==> flow/design.v <==
module my_mpy_rtl #(
    parameter integer DATA_W = 7,
    parameter integer B_WIDTH = 3
) (
    input  wire clk,
    input  wire rst_n,
    input  wire [DATA_W-1:0] i_dataa,
    input  wire [B_WIDTH-1:0] i_datab,
    output wire [DATA_W+B_WIDTH-1:0] o_p
);
    reg [DATA_W-1:0] dataa_q;
    reg [B_WIDTH-1:0] datab_q;
    assign o_p = dataa_q * datab_q;
    always @(posedge clk or negedge rst_n) begin
        if (!rst_n) begin
            dataa_q <= 0;
            datab_q <= 0;
        end else begin
            dataa_q <= i_dataa;
            datab_q <= i_datab;
        end
    end
endmodule
---- Tool chain data of my_mpy_rtl ----
Tool output for the design above, in the order of the flow.
Lines are those of the file above, counted from 1.
Operators: Yosys type, input widths -> output width; for muxes data width and select width s.
Cell names lack the library's common part.
A cell with n/a has no value.
set-up
  top module .............................. my_mpy_rtl
  clock port .............................. clk
  cell library ............................ sky130hd
  timing corner ........................... tt_025C_1v80

---- Word-level counts ----
Source: Yosys, flattened and elaborated, memories not mapped. Widths are those after wreduce; folded enables and synchronous resets count as part of the registers. Registers that Yosys merges into a memory's read port (data or address) are not register bits. Print and check cells do not count. Equal cells are merged and count once.
operators by class
  $mul .................................... 1
operators by type and width
  cell          number
  $mul 7x3->10  1
word-level totals
  register bits ........................... 10
  bits of input ports ..................... 12
  output and inout bits ................... 10

---- Depth ----
Depth = most cells in a row (Yosys ltp): at word level without a register or memory, in the mapped netlist without a sequential cell, where the memories' decode and read muxes count.
depth
  word-level depth ........................ 1
  ABC_AREA ................................ 0
  gate-level depth with buffers ........... 9
  depth with buffers taken out ............ 9

---- Synthesis result ----
Yosys stat after the flow's synthesis: flattened, memories mapped to cells. It holds for the ABC_AREA given above (unset counts as 0); a run with the other value may have another netlist.
mapped netlist
  cell count .............................. 81
  mapped area ............................. 788.3 sq um
  area of sequential cells ................ 250.2 sq um
  flip-flops .............................. 10
cell types
  cell type  number  area in all (sq um)
  dfrtp_1    10      250.24
  fa_1       6       120.115
  ha_1       9       112.608
  and2_1     9       56.304
  nand2_1    12      45.043
  inv_1      11      41.29
  xnor2_1    2       17.517
  a21oi_1    3       15.014
  nor2b_1    2       12.512
  and3_4     1       11.261
  a311o_1    1       10.01
  a211o_1    1       8.758
  a21o_2     1       8.758
  a31o_2     1       8.758
  o31a_1     1       8.758
  xor2_1     1       8.758
  a21o_1     1       7.507
  nor2_1     2       7.507
Other cell types: 7; their cells: 7.

---- Timing after synthesis ----
OpenSTA on the mapped netlist: ideal clock, no wires. The path of least setup slack (recovery checks aside). Input and output delay are each 20% of the period. Register names are those of the netlist, which keeps one name where synthesis merged equal registers.
path after synthesis
  kind .................................... register to output
  from .................................... register datab_q[2]
  to ...................................... output port o_p[8]
  period .................................. 3.71 ns
  launch time at the first pin ............ 0.000 ns
  arrival time ............................ 2.377 ns
  required time ........................... 2.968 ns
  path slack .............................. 0.591 ns
  path delay .............................. 2.377 ns
  stages .................................. 10
  period reached after synthesis .......... 3.119 ns
"path delay" is the arrival time less input delay plus setup time.
At an output port there is no setup time.
"stages": output pins that drive a net of the path, with the launching flip-flop's if there is one; two outputs of one cell count as two.
"period reached after synthesis" is the clock period less the worst setup slack; recovery checks do not enter. This is arithmetic on one report: input and output delays are still those of the set period (20% each).
Between the ends stands the longest chain of elaborated cells between them, by number of cells; it is not shown to be the way that was timed. Of several equally long chains one is given.
A line is the first line of the expression or statement that the cell stems from. Yosys adds cells for indexed reads and writes and turns some case tables into memories.
between the ends, after synthesis
  path through ............................ dfrtp_1 -> and2_1 -> fa_1 -> ha_1 -> inv_1 -> fa_1 -> nor2b_1 -> o31a_1 -> nor4_1 -> a311o_1
  cells in the longest elaborated chain ... 1
RTL lines, path after synthesis
  item           line  source
  from (decl)    12    reg [B_WIDTH-1:0] datab_q;
  from (assign)  17    datab_q <= 0;
  from (assign)  20    datab_q <= i_datab;
  $mul 7x3->10   13    assign o_p = dataa_q * datab_q;
  to (decl)      9     output wire [DATA_W+B_WIDTH-1:0] o_p

---- Worst path after layout ----
From the final timing report of stored run 1: the path of least setup slack in the routed layout; clock arrival at registers is part of the times.
path after layout
  kind .................................... register to output
  from .................................... register datab_q[2]
  to ...................................... output port o_p[8]
  period .................................. 3.71 ns
  launch time at the first pin ............ 0.25 ns
  arrival time ............................ 2.82 ns
  required time ........................... 2.97 ns
  path slack .............................. 0.15 ns
  stages .................................. 11
Between the ends stands the longest chain of elaborated cells between them, by number of cells; it is not shown to be the way that was timed. Of several equally long chains one is given.
between the ends, after layout
  path through ............................ dfrtp_1 -> and2_1 -> fa_1 -> ha_1 -> inv_1 -> fa_2 -> nor2b_2 -> o31a_1 -> nor4_1 -> a311o_1 -> clkdlybuf4s15_1
  cells in the longest elaborated chain ... 1
RTL lines, path after layout
  item           line  source
  from (decl)    12    reg [B_WIDTH-1:0] datab_q;
  from (assign)  17    datab_q <= 0;
  from (assign)  20    datab_q <= i_datab;
  $mul 7x3->10   13    assign o_p = dataa_q * datab_q;
  to (decl)      9     output wire [DATA_W+B_WIDTH-1:0] o_p

Lab notebook: my_mpy_rtl

Top module my_mpy_rtl; platform sky130hd; tools Yosys and OpenROAD; 3 stored runs in no particular order. Input and output delays are each 20% of the period that was set; the output load is 0.01 pF.
"achieved clock period (ns)" means the clock period less the worst setup slack. The figure is calculated, with input and output delays left at 20% of the set period.
"worst setup path time (ns)" = time allowed to the worst setup path (clock period - input delay - output delay, where it has them) - its slack; a late launch clock adds to it, a late capture clock takes from it.
"finish__power__total": no workload was simulated; the value follows from the tool's default switching activity.

Flow files of stored run 1
==> flow/run.sh <==
#!/bin/bash
# the make line also repeats the synthesis and layout settings of config.mk as NAME=value (left out here)
make -C /OpenROAD-flow-scripts/flow DESIGN_CONFIG=/design/flow/config.mk WORK_HOME=/design/flow/orfs CLKGATE_MAP_FILE= finish
==> flow/config.mk <==
export PLATFORM = sky130hd
export DESIGN_NAME = my_mpy_rtl
export DESIGN_NICKNAME = my_mpy_rtl
export VERILOG_FILES = /design/flow/design.v
export SDC_FILE = /design/flow/constraint.sdc
export NUM_CORES = 4
export LEC_CHECK = 0
export CAP_MARGIN = 20
export CORE_MARGIN = 2
export CORE_UTILIZATION = 40
export SLEW_MARGIN = 20
==> flow/constraint.sdc <==
create_clock -name core_clock -period 3.71 [get_ports {clk}]
set_input_delay 0.7420 -clock core_clock [delete_from_list [all_inputs] [get_ports {clk}]]
set_output_delay 0.7420 -clock core_clock [all_outputs]
set_load 0.01 [all_outputs]

report of stored run 1
yosys chip area after synthesis (um^2): 788.3
finish__design__die__area: 2341.6
finish__design__instance__area__stdcell: 1087.3
finish__design__instance__utilization: 0.5717
finish__timing__setup__ws: 0.150
finish__timing__setup__tns: 0.000
finish__timing__hold__ws: 0.782
finish__power__total: 3.283e-04
achieved clock period (ns): 3.560
worst setup path time (ns): 2.82
worst setup path kind: register to output

Flow files of stored run 2
==> flow/run.sh <==
#!/bin/bash
# the make line also repeats the synthesis and layout settings of config.mk as NAME=value (left out here)
make -C /OpenROAD-flow-scripts/flow DESIGN_CONFIG=/design/flow/config.mk WORK_HOME=/design/flow/orfs CLKGATE_MAP_FILE= finish
==> flow/config.mk <==
export PLATFORM = sky130hd
export DESIGN_NAME = my_mpy_rtl
export DESIGN_NICKNAME = my_mpy_rtl
export VERILOG_FILES = /design/flow/design.v
export SDC_FILE = /design/flow/constraint.sdc
export NUM_CORES = 4
export LEC_CHECK = 0
export ABC_AREA = 1
export CAP_MARGIN = 20
export CELL_PAD_IN_SITES_DETAIL_PLACEMENT = 0
export CORE_ASPECT_RATIO = 1.48
export CORE_MARGIN = 2
export CORE_UTILIZATION = 68
export CTS_CLUSTER_DIAMETER = 337
export PLACE_DENSITY_LB_ADDON = 0.07
export SETUP_SLACK_MARGIN = 0.15
export SLEW_MARGIN = 5
export TNS_END_PERCENT = 55
==> flow/constraint.sdc <==
create_clock -name core_clock -period 2.86 [get_ports {clk}]
set_input_delay 0.5720 -clock core_clock [delete_from_list [all_inputs] [get_ports {clk}]]
set_output_delay 0.5720 -clock core_clock [all_outputs]
set_load 0.01 [all_outputs]

report of stored run 2: did not finish, floorplan, PDN-0185

Flow files of stored run 3
==> flow/run.sh <==
#!/bin/bash
# the make line also repeats the synthesis and layout settings of config.mk as NAME=value (left out here)
make -C /OpenROAD-flow-scripts/flow DESIGN_CONFIG=/design/flow/config.mk WORK_HOME=/design/flow/orfs CLKGATE_MAP_FILE= finish
==> flow/config.mk <==
export PLATFORM = sky130hd
export DESIGN_NAME = my_mpy_rtl
export DESIGN_NICKNAME = my_mpy_rtl
export VERILOG_FILES = /design/flow/design.v
export SDC_FILE = /design/flow/constraint.sdc
export NUM_CORES = 4
export LEC_CHECK = 0
export ABC_AREA = 1
export CAP_MARGIN = 15
export CORE_ASPECT_RATIO = 0.68
export CORE_MARGIN = 2
export CORE_UTILIZATION = 44
export CTS_CLUSTER_DIAMETER = 274
export GPL_ROUTABILITY_DRIVEN = 0
export GPL_TIMING_DRIVEN = 0
export MIN_ROUTING_LAYER = met2
export PLACE_DENSITY = 0.46
export SETUP_SLACK_MARGIN = -0.05
export SLEW_MARGIN = 20
==> flow/constraint.sdc <==
create_clock -name core_clock -period 1.82 [get_ports {clk}]
set_input_delay 0.3640 -clock core_clock [delete_from_list [all_inputs] [get_ports {clk}]]
set_output_delay 0.3640 -clock core_clock [all_outputs]
set_load 0.01 [all_outputs]

report of stored run 3
yosys chip area after synthesis (um^2): 834.6
finish__design__die__area: 2267.8
finish__design__instance__area__stdcell: 1346.3
finish__design__instance__utilization: 0.7865
finish__timing__setup__ws: -0.909
finish__timing__setup__tns: -6.119
finish__timing__hold__ws: 0.412
finish__power__total: 8.260e-04
achieved clock period (ns): 2.729
worst setup path time (ns): 2.37
worst setup path kind: register to output
